==> flow/design.v <==
module mult #(
  parameter XLEN = 10,
  parameter WAYS = 2,
  parameter OUT_W = 2*XLEN + $clog2(WAYS)
) (
  input  aclk,
  input  reset,
  input  [WAYS*XLEN-1:0] lhs_i,
  input  [WAYS*XLEN-1:0] rhs_i,
  output [OUT_W-1:0] prod_o
);
  reg [WAYS*XLEN-1:0] lhs_d1;
  always @(posedge aclk or posedge reset) begin
    if (reset) begin
      lhs_d1 <= 0;
    end else begin
      lhs_d1 <= lhs_i;
    end
  end
  reg [WAYS*XLEN-1:0] rhs_d1;
  always @(posedge aclk or posedge reset) begin
    if (reset) begin
      rhs_d1 <= 0;
    end else begin
      rhs_d1 <= rhs_i;
    end
  end
  reg [OUT_W-1:0] tmp;
  integer k;
  always @* begin
    tmp = 0;
    for (k = 0; k < WAYS; k = k + 1)
      tmp = tmp + lhs_d1[k*XLEN +: XLEN] * rhs_d1[k*XLEN +: XLEN];
  end
  assign prod_o = tmp;
endmodule
* Reports on mult
A sweep over "WAYS": the same steps for each member of the family.
The RTL above is that of WAYS 2; lines are counted from 1 in the file of the member named.
Operators: Yosys type, input widths -> output width; for muxes data width and select width s.
Cell names lack the library's common part.
The mark n/a stands for no value.
- Design top :: mult
- Clock port :: aclk
- Standard-cell library :: sky130hd
- Timing corner :: tt_025C_1v80

* Members of the sweep
Lines of each other member's file that are new or changed against the file above; lines that a member lacks are not shown.
** Lines new or changed
- WAYS 3 :: line 3 : parameter WAYS = 3,
- WAYS 5 :: line 3 : parameter WAYS = 5,

* After elaboration
Yosys after proc, flatten, opt, wreduce and memory -nomap, before mapping. Enables and synchronous resets that opt folds into registers are not counted as muxes. Memory bits, and registers merged into a memory's read port (data or address), are not among the register bits. Print and check cells are not counted. Equal cells are merged and count once.
** Word-level totals
- WAYS 2 :: bits of input ports 42, cells after elaboration 5, register bits after elaboration 40
- WAYS 3 :: bits of input ports 62, cells after elaboration 7, register bits after elaboration 60
- WAYS 5 :: bits of input ports 102, cells after elaboration 11, register bits after elaboration 100
** Cells by class
- WAYS 2 :: $mul 2, $add $sub $neg 1
- WAYS 3 :: $mul 3, $add $sub $neg 2
- WAYS 5 :: $mul 5, $add $sub $neg 4
** Operators by type and width (kind and count)
- WAYS 2 :: 2 x $mul 10x10->20; 1 x $add 20x20->21
- WAYS 3 :: 3 x $mul 10x10->20; 1 x $add 21x20->22; 1 x $add 20x20->21
- WAYS 5 :: 5 x $mul 10x10->20; 1 x $add 22x20->23; 1 x $add 23x20->23; 1 x $add 21x20->22; 1 x $add 20x20->21

* Logic depth
Depth = most cells in a row (Yosys ltp): at word level without a register or memory, in the mapped netlist without a sequential cell, where the memories' decode and read muxes count.
** Depth
- WAYS 2 :: depth after elaboration 2, ABC_AREA 0, gate-level depth with buffers 22, gate-level depth less buffers 20
- WAYS 3 :: depth after elaboration 3, ABC_AREA 0, gate-level depth with buffers 24, gate-level depth less buffers 22
- WAYS 5 :: depth after elaboration 5, ABC_AREA 0, gate-level depth with buffers 26, gate-level depth less buffers 25

* Netlist
The flow's flattened synthesis, as Yosys stat reports it; memories are mapped. The netlist is that of the ABC_AREA named above (0 if unset); the other value can give another one.
Totals and module areas in this step are rounded.
** Cell types (types with counts)
- WAYS 2 :: 159 x fa_1; 101 x ha_1; 40 x dfrtp_1; 132 x and2_1; 182 x inv_1; 87 x nand2_1; 20 x a21oi_1; 11 x xnor2_1; 21 x clkbuf_1; 11 x o21ai_0; 6 x xor2_1; 6 x nor2_1; 3 x o211ai_1; 4 x buf_2; 3 x nand4_1; 1 x o21bai_4; 2 x a41oi_1; 2 x and4_1; (+33)
- WAYS 3 :: 261 x fa_1; 139 x ha_1; 60 x dfrtp_1; 211 x and2_1; 337 x inv_1; 104 x nand2_1; 14 x xnor2_1; 14 x a21oi_1; 18 x clkbuf_1; 6 x a21o_1; 8 x nor2_1; 4 x o211ai_1; 6 x o21ai_0; 3 x xor2_1; 2 x o211ai_2; 5 x o21ai_1; 3 x a211oi_1; 2 x o211a_1; (+36)
- WAYS 5 :: 458 x fa_1; 214 x ha_1; 100 x dfrtp_1; 575 x inv_1; 311 x and2_1; 199 x nand2_1; 54 x clkbuf_1; 11 x xnor2_1; 15 x a21oi_1; 7 x xor2_1; 8 x a21o_1; 4 x a211oi_2; 5 x o21bai_1; 8 x nor2_1; 5 x o21ai_0; 3 x a211oi_1; 3 x o211ai_1; 1 x a31oi_4; (+44)
A list marked (+n) leaves out that many cells.
** Synthesis totals
- WAYS 2 :: area of sequential cells 1001 um^2, standard cells after synthesis 824, flip-flop cells 40, cell area after synthesis 8060 um^2
- WAYS 3 :: area of sequential cells 1501 um^2, standard cells after synthesis 1233, flip-flop cells 60, cell area after synthesis 12220 um^2
- WAYS 5 :: area of sequential cells 2502 um^2, standard cells after synthesis 2025, flip-flop cells 100, cell area after synthesis 20240 um^2

* Worst setup path after synthesis
Source: OpenSTA report_checks on the synthesized netlist (no wires, ideal clock, input and output delay 20% of the period each), path of least setup slack; recovery checks are left aside. Register names are those of the netlist, which keeps one name where synthesis merged equal registers.
** Timing after synthesis
- WAYS 2 :: kind register to output, from register lhs_d1[4], to output port prod_o[16], driving pins on the path 20, delay of the path 5.556 ns, period 8.68 ns, slack 1.388 ns, synthesis period reached 7.292 ns
- WAYS 3 :: kind register to output, from register rhs_d1[6], to output port prod_o[20], driving pins on the path 20, delay of the path 6.127 ns, period 9.57 ns, slack 1.529 ns, synthesis period reached 8.041 ns
- WAYS 5 :: kind register to output, from register rhs_d1[2], to output port prod_o[18], driving pins on the path 26, delay of the path 6.786 ns, period 10.6 ns, slack 1.694 ns, synthesis period reached 8.906 ns
"delay of the path" is the arrival time less input delay plus setup time.
A path that ends at an output port has no setup time.
"driving pins on the path" counts driving pins, that of a launching flip-flop among them; a cell with two outputs on the path counts twice.
"synthesis period reached" is the clock period less the worst setup slack; recovery checks do not enter. This is arithmetic on one report: input and output delays are still those of the set period (20% each).
The rows between start and end are the longest chain of elaborated cells between them; the timing report does not say that the signal goes this way. Where chains are equally long, one stands for them.
Each line given opens the expression or statement behind the cell; cells for indexed reads and writes are added by Yosys, which also makes memories of some case tables.
Between the ends, after synthesis, WAYS 2:
- Cells in the longest elaborated chain :: 2
** Ends and longest elaborated chain, after synthesis, WAYS 2
- from (decl) :: line 12 : reg [WAYS*XLEN-1:0] lhs_d1;
- from (assign) :: line 15 : lhs_d1 <= 0;
- from (assign) :: line 17 : lhs_d1 <= lhs_i;
- $mul 10x10->20 :: line 33 : tmp = tmp + lhs_d1[k*XLEN +: XLEN] * rhs_d1[k*XLEN +: XLEN];
- $add 20x20->21 :: line 33
- to (decl) :: line 10 : output [OUT_W-1:0] prod_o
Between the ends, after synthesis, WAYS 5:
- Cells in the longest elaborated chain :: 5
** Ends and longest elaborated chain, after synthesis, WAYS 5
- from (decl) :: line 20 : reg [WAYS*XLEN-1:0] rhs_d1;
- from (assign) :: line 23 : rhs_d1 <= 0;
- from (assign) :: line 25 : rhs_d1 <= rhs_i;
- $mul 10x10->20 :: line 33 : tmp = tmp + lhs_d1[k*XLEN +: XLEN] * rhs_d1[k*XLEN +: XLEN];
- $add 20x20->21 :: line 33
- $add 21x20->22 :: line 33
- $add 22x20->23 :: line 33
- $add 23x20->23 :: line 33
- to (decl) :: line 10 : output [OUT_W-1:0] prod_o

* Timing after layout
Path of least setup slack in the final report of each member's run (OpenROAD, finished layout, wires in). Where an end is a register, its clock arrival counts in the times.
** Timing post-layout
- WAYS 2 :: kind register to output, from register rhs_d1[2], to output port prod_o[13], buffers on the path 1, period 8.68 ns, data arrival time 6.64 ns, driving pins on the path 20, slack 0.30 ns
- WAYS 3 :: kind register to output, from register rhs_d1[11], to output port prod_o[21], buffers on the path 1, period 9.57 ns, data arrival time 7.29 ns, driving pins on the path 22, slack 0.36 ns
- WAYS 5 :: kind register to output, from register lhs_d1[45], to output port prod_o[22], buffers on the path 1, period 10.6 ns, data arrival time 8.24 ns, driving pins on the path 23, slack 0.24 ns

* Layout results
One run of the flow (Yosys, OpenROAD) for each member, with settings and measured results. Input and output delays are each 20% of the period that was set; the output load is 0.01 pF.
- CAP_MARGIN :: 20
- CORE_MARGIN :: 2
- CORE_UTILIZATION :: 40
- SLEW_MARGIN :: 20
** Settings by member (period_ns)
- WAYS 2 :: 8.68
- WAYS 3 :: 9.57
- WAYS 5 :: 10.6
** Results
- WAYS 2 :: Yosys chip area after synthesis 8060 um^2, total negative slack 0.000 ns, period reached 8.376 ns, smallest setup slack 0.304 ns, area inside the die boundary 21300 um^2, post-route utilization 46.5%
- WAYS 3 :: Yosys chip area after synthesis 12220 um^2, total negative slack 0.000 ns, period reached 9.207 ns, smallest setup slack 0.363 ns, area inside the die boundary 31970 um^2, post-route utilization 45.5%
- WAYS 5 :: Yosys chip area after synthesis 20240 um^2, total negative slack 0.000 ns, period reached 10.357 ns, smallest setup slack 0.243 ns, area inside the die boundary 52410 um^2, post-route utilization 44.7%
"period reached" = clock period - worst setup slack. The figure is calculated, with input and output delays left at 20% of the set period.
Results are given in rounded form.
